==> flow/design.v <==
module plus_mod #(
    parameter WD = 64
) (
    input clk_i,
    input rst_ni,
    input [WD-1:0] first,
    input [WD-1:0] second,
    input [WD-1:0] third,
    output [WD+1:0] result
);
    reg [WD+1:0] result_reg;
    always @(posedge clk_i) begin
        if (!rst_ni) begin
            result_reg <= 0;
        end else begin
            result_reg <= first + second + third;
        end
    end
    assign result = result_reg;
endmodule
# --- Tool chain data of plus_mod ---
# What the tools print for plus_mod, step after step.
# Line numbers count from 1 in the design file above.
# Operators carry their Yosys type and port widths (W data, S select, Z words).
# Library cell names are shortened.
inputs:
  design: "plus_mod"
  clock: "clk_i"
  library: "sky130hd"
  lib_corner: "tt_025C_1v80"

# --- After elaboration ---
# Source: Yosys, flattened and elaborated, memories not mapped. Widths are those after wreduce; folded enables and synchronous resets count as part of the registers. Registers that Yosys merges into a memory's read port (data or address) are not register bits. Print and check cells do not count. Equal cells are merged and count once.
word_totals:
  regBits: 66
  latch_bits: 0
  ram_bits: 0
  romBits: 0
  clocked_rd_ports_x_width: 0
  n_memories: 0
  inputBits: 194
  out_inout_bits: 66
  word_cells: 3
op_classes:
  addsub: 2
  mul: 0
  n_div: 0
  cmp: 0
  eq_ne: 0
  shift: 0
  n_mux: 0
  n_logic: 0
  n_reduce_logical: 0
ops:
  columns: ["op", "count"]
  rows:
  - ["$add A65 B64 Y66", 1]
  - ["$add A64 B64 Y65", 1]

# --- Longest topological paths ---
# Yosys ltp: most cells in a row. Word level: on the elaborated netlist, between registers, memories and ports. Mapped: between sequential cells and ports; inverters and the memories' decode and read muxes count.
logic_depth:
  word_depth: 2
  ABC_AREA: 0
  ltp_mapped: 14
  depth_no_buf: 14

# --- Synthesis result ---
# The flow's flattened synthesis, as Yosys stat reports it; memories are mapped. The netlist is that of the ABC_AREA named above (0 if unset); the other value can give another one.
mapped:
  cell_count: 802
  area_um2: 6944.2
  seqArea_um2: 1321.3
  flip_flops: 66
  buf_cells: 36
by_type:
  columns: ["cell_type", "count", "type_area_um2"]
  rows:
  - ["dfxtp_1", 66, 1.32E+03]
  - ["fa_1", 65, 1.3E+03]
  - ["ha_1", 63, 788.256]
  - ["a21oi_1", 79, 395.379]
  - ["nor2_1", 80, 300.288]
  - ["a21o_1", 35, 262.752]
  - ["nand2_1", 68, 255.245]
  - ["xnor2_1", 26, 227.718]
  - ["o21ai_0", 42, 210.202]
  - ["xor2_1", 19, 166.41]
  - ["nand4_1", 23, 143.888]
  - ["nor3_1", 21, 105.101]
  - ["o21bai_1", 14, 105.101]
  - ["inv_1", 23, 86.333]
  - ["clkbuf_1", 22, 82.579]
  - ["nand2b_1", 13, 81.328]
  - ["mux2i_1", 8, 80.077]
  - ["nand3_1", 14, 70.067]
# Not listed: further types 55, cells in them 121.

# --- Worst setup path after synthesis ---
# Source: OpenSTA report_checks on the synthesized netlist (no wires, ideal clock, input and output delay 20% of the period each), path of least setup slack; recovery checks are left aside. Register names are those of the netlist, which keeps one name where synthesis merged equal registers.
synth_path:
  path_type: "input port to flip-flop"
  startpoint: "input first[2]"
  endpoint: "register result_reg[62]"
  clock_period_ns: 4.81
  input_delay_ns: 0.962
  setup_time_ns: 0.072
  t_first_pin_ns: 0.962
  arrival_ns: 3.968
  required_ns: 4.738
  path_slack_ns: 0.771
  delay_ns: 3.078
  driving_pins: 11
  n_path_buf: 0
  period_less_setup_slack_ns: 4.039
# "delay_ns" is the arrival time less input delay plus setup time.
# "driving_pins": output pins that drive a net of the path, with the launching flip-flop's if there is one; two outputs of one cell count as two.
# "period_less_setup_slack_ns" = period - worst setup slack (recovery checks aside). The figure is calculated, with input and output delays left at 20% of the set period.
# The rows between start and end are the longest chain of elaborated cells between them; the timing report does not say that the signal goes this way. Where chains are equally long, one stands for them.
# Each line given opens the expression or statement behind the cell; cells for indexed reads and writes are added by Yosys, which also makes memories of some case tables.
synth_via:
  cell_sequence: "fa_1 -> ha_1 -> a21oi_1 -> nand4b_1 -> a2111oi_2 -> or2_4 -> a31oi_4 -> o41a_1 -> o311a_1 -> o31ai_2 -> mux2i_1"
  elab_chain_cells: 2
  cells_between: 2
  lines_between: 1
  cone_classes: "add/sub: 2"
synth_lines:
  columns: ["item", "line", "text"]
  rows:
  - ["start: declaration", 6, "input [WD-1:0] first,"]
  - ["$add A64 B64 Y65", 16, "result_reg <= first + second + third;"]
  - ["$add A65 B64 Y66", 16, null]
  - ["end: assignment", 14, "result_reg <= 0;"]
  - ["end: assignment", 16, null]
  - ["end: declaration", 11, "reg [WD+1:0] result_reg;"]

# --- Path in the finished layout ---
# From the final timing report of run 1: the path of least setup slack in the routed layout; clock arrival at registers is part of the times.
layout_path:
  path_type: "input port to flip-flop"
  startpoint: "input first[1]"
  endpoint: "register result_reg[62]"
  clock_period_ns: 4.81
  input_delay_ns: 0.96
  setup_time_ns: 0.06
  t_first_pin_ns: 0.96
  arrival_ns: 4.73
  required_ns: 5.08
  path_slack_ns: 0.36
  driving_pins: 12
  n_path_buf: 1
# The rows between start and end are the longest chain of elaborated cells between them; the timing report does not say that the signal goes this way. Where chains are equally long, one stands for them.
layout_via:
  cell_sequence: "clkdlybuf4s50_1 -> fa_1 -> ha_1 -> a21oi_1 -> nand4b_1 -> a2111oi_2 -> or2_4 -> a31oi_4 -> o41a_1 -> o311a_1 -> o31ai_2 -> mux2i_1"
  elab_chain_cells: 2
  cells_between: 2
  lines_between: 1
  cone_classes: "add/sub: 2"
layout_lines:
  columns: ["item", "line", "text"]
  rows:
  - ["start: declaration", 6, "input [WD-1:0] first,"]
  - ["$add A64 B64 Y65", 16, "result_reg <= first + second + third;"]
  - ["$add A65 B64 Y66", 16, null]
  - ["end: assignment", 14, "result_reg <= 0;"]
  - ["end: assignment", 16, null]
  - ["end: declaration", 11, "reg [WD+1:0] result_reg;"]

Memo
Re: implementation data of plus_mod

2 stored runs of plus_mod in the flow (synthesis by Yosys, layout by OpenROAD, sky130hd cells), in arbitrary order. Constraints: input delay and output delay 20% of the set period each, output load 0.01 pF.
"power.total_mw" rests on the timing tool's default activity at the inputs, not on a simulated workload.

--- run 1 ---
==> flow/run.sh <==
#!/bin/bash
# the make line also repeats the synthesis and layout settings of config.mk as NAME=value (left out here)
make -C /OpenROAD-flow-scripts/flow DESIGN_CONFIG=/design/flow/config.mk WORK_HOME=/design/flow/orfs CLKGATE_MAP_FILE= finish
==> flow/config.mk <==
export PLATFORM = sky130hd
export DESIGN_NAME = plus_mod
export DESIGN_NICKNAME = plus_mod
export VERILOG_FILES = /design/flow/design.v
export SDC_FILE = /design/flow/constraint.sdc
export NUM_CORES = 4
export LEC_CHECK = 0
export CAP_MARGIN = 20
export CORE_MARGIN = 2
export CORE_UTILIZATION = 40
export SLEW_MARGIN = 20
==> flow/constraint.sdc <==
create_clock -name core_clock -period 4.81 [get_ports {clk_i}]
set_input_delay 0.9620 -clock core_clock [delete_from_list [all_inputs] [get_ports {clk_i}]]
set_output_delay 0.9620 -clock core_clock [all_outputs]
set_load 0.01 [all_outputs]

==> results, as YAML <==
results:
  final_cell_area_um2: 10059.6
  synth_chip_area_um2: 6944.2
  final_setup_ws_ns: 0.356
  setup_tns_ns: 0.000
  power.total_mw: 3.437
  die_area_um2: 18430.8

--- run 2 ---
==> flow/run.sh <==
#!/bin/bash
# the make line also repeats the synthesis and layout settings of config.mk as NAME=value (left out here)
make -C /OpenROAD-flow-scripts/flow DESIGN_CONFIG=/design/flow/config.mk WORK_HOME=/design/flow/orfs CLKGATE_MAP_FILE= finish
==> flow/config.mk <==
export PLATFORM = sky130hd
export DESIGN_NAME = plus_mod
export DESIGN_NICKNAME = plus_mod
export VERILOG_FILES = /design/flow/design.v
export SDC_FILE = /design/flow/constraint.sdc
export NUM_CORES = 4
export LEC_CHECK = 0
export CAP_MARGIN = 20
export CELL_PAD_IN_SITES_DETAIL_PLACEMENT = 0
export CORE_MARGIN = 2
export CORE_UTILIZATION = 62
export CTS_CLUSTER_DIAMETER = 183
export CTS_CLUSTER_SIZE = 50
export GPL_ROUTABILITY_DRIVEN = 1
export PLACE_DENSITY_LB_ADDON = 0.28
export SETUP_SLACK_MARGIN = 0.72
export SLEW_MARGIN = 20
==> flow/constraint.sdc <==
create_clock -name core_clock -period 4.74 [get_ports {clk_i}]
set_input_delay 0.9480 -clock core_clock [delete_from_list [all_inputs] [get_ports {clk_i}]]
set_output_delay 0.9480 -clock core_clock [all_outputs]
set_load 0.01 [all_outputs]

==> results, as YAML <==
outcome: "incomplete, routing halted on ODB-0269"
